==> flow/design.v <==
module as_core_n #(
    parameter WIDTH = 5
) (
    input  wire clk,
    input  wire [WIDTH-1:0] i_op_a,
    input  wire [WIDTH-1:0] i_op_b,
    output wire [WIDTH-1:0] o_res
);
    reg [WIDTH-1:0] op_a_r;
    reg [WIDTH-1:0] op_b_r;
    always @(posedge clk) begin
        op_a_r <= i_op_a;
        op_b_r <= i_op_b;
    end
    assign o_res = (op_a_r > op_b_r) ? op_a_r - op_b_r : op_b_r - op_a_r;
endmodule
Step by step through the tools: as_core_n
What the tools print for as_core_n, step after step.
Lines are those of the file above, counted from 1.
Library cell names are shortened.
{ "design": {"top": "as_core_n", "clock": "clk", "library": "sky130hd", "pvt_corner": "tt_025C_1v80"} }

Elaborated design
Yosys after proc, flatten, opt, wreduce and memory -nomap, before mapping. Enables and synchronous resets that opt folds into registers are not counted as muxes. Memory bits, and registers merged into a memory's read port (data or address), are not among the register bits. Print and check cells are not counted. Equal cells are merged and count once.
{ "bits": {"regBits": 10, "wordCells": 6} }
{ "classes": {"addsub": 2, "n_cmp": 1, "n_mux": 1} }
{ "op_table": {"columns": ["op", "count"], "rows": [
  ["subtractor 5 bit", 2],
  ["greater-than comparator 5 bit", 1],
  ["two-way mux 5 bit", 1]
]} }

Depth
Longest topological path by Yosys (ltp), each cell counted once; first at word level (registers and memories cut), then after technology mapping (sequential cells cut; the memories' decode and read muxes count).
{ "depth": {"depth_word": 2, "abc_area": 1, "ltp_mapped": 11, "ltp_nobuf": 10} }

Mapped cells and area
Source: synth_stat.txt of the flow (Yosys; design flattened, memories mapped). It holds for the ABC_AREA given above (unset counts as 0); a run with the other value may have another netlist.
The area totals of this step are shown rounded.
{ "mapped": {"cells": 91, "mapped_area_um2": 730, "seq_area_um2": 200, "flip_flops": 10, "n_buf": 2} }
{ "types": {"columns": ["cell", "count", "area_total_um2"], "rows": [
  ["dfxtp_1", 10, 200.192],
  ["ha_1", 9, 112.608],
  ["nand2_1", 21, 78.826],
  ["inv_1", 17, 63.811],
  ["nand3_1", 9, 45.043],
  ["fa_1", 2, 40.038],
  ["nand2_4", 3, 33.782],
  ["a21oi_1", 5, 25.024],
  ["nand2_2", 4, 25.024],
  ["buf_6", 2, 22.522],
  ["nand3_4", 1, 17.517],
  ["xnor2_1", 2, 17.517],
  ["nand3b_1", 2, 15.014],
  ["nor2_4", 1, 11.261],
  ["nand3_2", 1, 10.01],
  ["clkinv_1", 1, 3.754],
  ["inv_2", 1, 3.754]
]} }

Path before layout
Source: OpenSTA report_checks on the synthesized netlist (no wires, ideal clock, input and output delay 20% of the period each), path of least setup slack; recovery checks are left aside. Register names are those of the netlist, which keeps one name where synthesis merged equal registers.
{ "synth_timing": {"kind": "register to output", "from": "register op_b_r[0]", "to": "output o_res[4]", "period_ns": 2.61, "out_delay_ns": 0.522, "arrival_ns": 1.398, "required_ns": 2.088, "setup_slack_ns": 0.690, "path_delay_ns": 1.398, "path_stages": 10, "period_less_setup_slack_ns": 1.92} }
"path_delay_ns" is the arrival time less input delay plus setup time.
At an output port there is no setup time.
"path_stages" counts driving pins, that of a launching flip-flop among them; a cell with two outputs on the path counts twice.
"period_less_setup_slack_ns" = period - worst setup slack (recovery checks aside). The figure is calculated, with input and output delays left at 20% of the set period.
Between the ends stands the longest chain of elaborated cells between them, by number of cells; it is not shown to be the way that was timed. Of several equally long chains one is given.
A line is the first line of the expression or statement that the cell stems from. Yosys adds cells for indexed reads and writes and turns some case tables into memories.
{ "synth_between": {"cell_sequence": "dfxtp_1 inv_1 ha_1 fa_1 nand3b_1 nand2_1 nand2_1 nand2_2 nand2_1 nand2_1", "elab_chain_cells": 2, "cone_cells": 4, "cone_classes": "add/sub: 2; compare: 1; mux: 1"} }
{ "synth_lines": {"columns": ["item", "line_no", "rtl"], "rows": [
  ["start: declaration", 10, "reg [WIDTH-1:0] op_b_r;"],
  ["start: assignment", 13, "op_b_r <= i_op_b;"],
  ["subtractor 5 bit", 15, "assign o_res = (op_a_r > op_b_r) ? op_a_r - op_b_r : op_b_r - op_a_r;"],
  ["two-way mux 5 bit", 15, null],
  ["end: declaration", 7, "output wire [WIDTH-1:0] o_res"]
]} }

Timing after layout
Path of least setup slack in the final report of flow run 1 (OpenROAD, finished layout, wires in). Where an end is a register, its clock arrival counts in the times.
{ "layout_timing": {"kind": "register to output", "from": "register op_b_r[4]", "to": "output o_res[3]", "period_ns": 2.81, "out_delay_ns": 0.56, "arrival_ns": 2.08, "required_ns": 2.25, "setup_slack_ns": 0.17, "path_stages": 9} }
Between the ends stands the longest chain of elaborated cells between them, by number of cells; it is not shown to be the way that was timed. Of several equally long chains one is given.
{ "layout_between": {"cell_sequence": "dfxtp_1 inv_1 ha_1 a21oi_1 nand3_4 nand2_4 nand2_1 nand2_1 clkdlybuf4s50_1", "elab_chain_cells": 2, "cone_cells": 2, "cone_classes": "compare: 1; mux: 1"} }
{ "layout_lines": {"columns": ["item", "line_no", "rtl"], "rows": [
  ["start: declaration", 10, "reg [WIDTH-1:0] op_b_r;"],
  ["start: assignment", 13, "op_b_r <= i_op_b;"],
  ["greater-than comparator 5 bit", 15, "assign o_res = (op_a_r > op_b_r) ? op_a_r - op_b_r : op_b_r - op_a_r;"],
  ["two-way mux 5 bit", 15, null],
  ["end: declaration", 7, "output wire [WIDTH-1:0] o_res"]
]} }

3 stored runs of as_core_n in the flow (synthesis by Yosys, layout by OpenROAD, sky130hd cells), in arbitrary order. Constraints: input delay and output delay 20% of the set period each, output load 0.01 pF.
"timing.achieved_period_ns" is the run's clock period less its worst setup slack. It is reckoned from that one timing run; input and output delays stay at 20% of the period that was set.
Results are given in rounded form.
[
  {
    "run": "flow run 1",
    "settings": { "period_ns": 2.81, "CORE_UTILIZATION": 21, "PLACE_DENSITY_LB_ADDON": 0.04, "CORE_ASPECT_RATIO": 1.36, "CELL_PAD_IN_SITES_GLOBAL_PLACEMENT": 1, "CELL_PAD_IN_SITES_DETAIL_PLACEMENT": 2, "TNS_END_PERCENT": 15, "ABC_AREA": 1, "CTS_CLUSTER_SIZE": 69, "CAP_MARGIN": 5, "MIN_ROUTING_LAYER": "met2", "CORE_MARGIN": 2, "SLEW_MARGIN": 20 },
    "results": { "timing.achieved_period_ns": 2.641, "final_setup_tns_ns": 0.000, "stdcell_area_um2": 990, "hold_worst_slack_ns": 0.77, "total_die_area_um2": 3900, "synth_area_um2": 730, "final_setup_ws_ns": 0.17 }
  },
  {
    "run": "flow run 2",
    "settings": { "period_ns": 1.66, "CORE_UTILIZATION": 55, "SETUP_SLACK_MARGIN": 0.2, "PLACE_DENSITY_LB_ADDON": 0.24, "CTS_CLUSTER_DIAMETER": 245, "CAP_MARGIN": 40, "SLEW_MARGIN": 30, "MIN_ROUTING_LAYER": "met2", "CORE_MARGIN": 2 },
    "outcome": "no results, routing failed with DPL-0038"
  },
  {
    "run": "flow run 3",
    "settings": { "period_ns": 2.61, "CAP_MARGIN": 20, "CORE_MARGIN": 2, "CORE_UTILIZATION": 40, "SLEW_MARGIN": 20 },
    "results": { "final_setup_ws_ns": 0.15, "timing.achieved_period_ns": 2.458, "stdcell_area_um2": 970, "synth_area_um2": 680, "total_die_area_um2": 2000, "hold_worst_slack_ns": 0.70, "final_setup_tns_ns": 0.000 }
  }
]
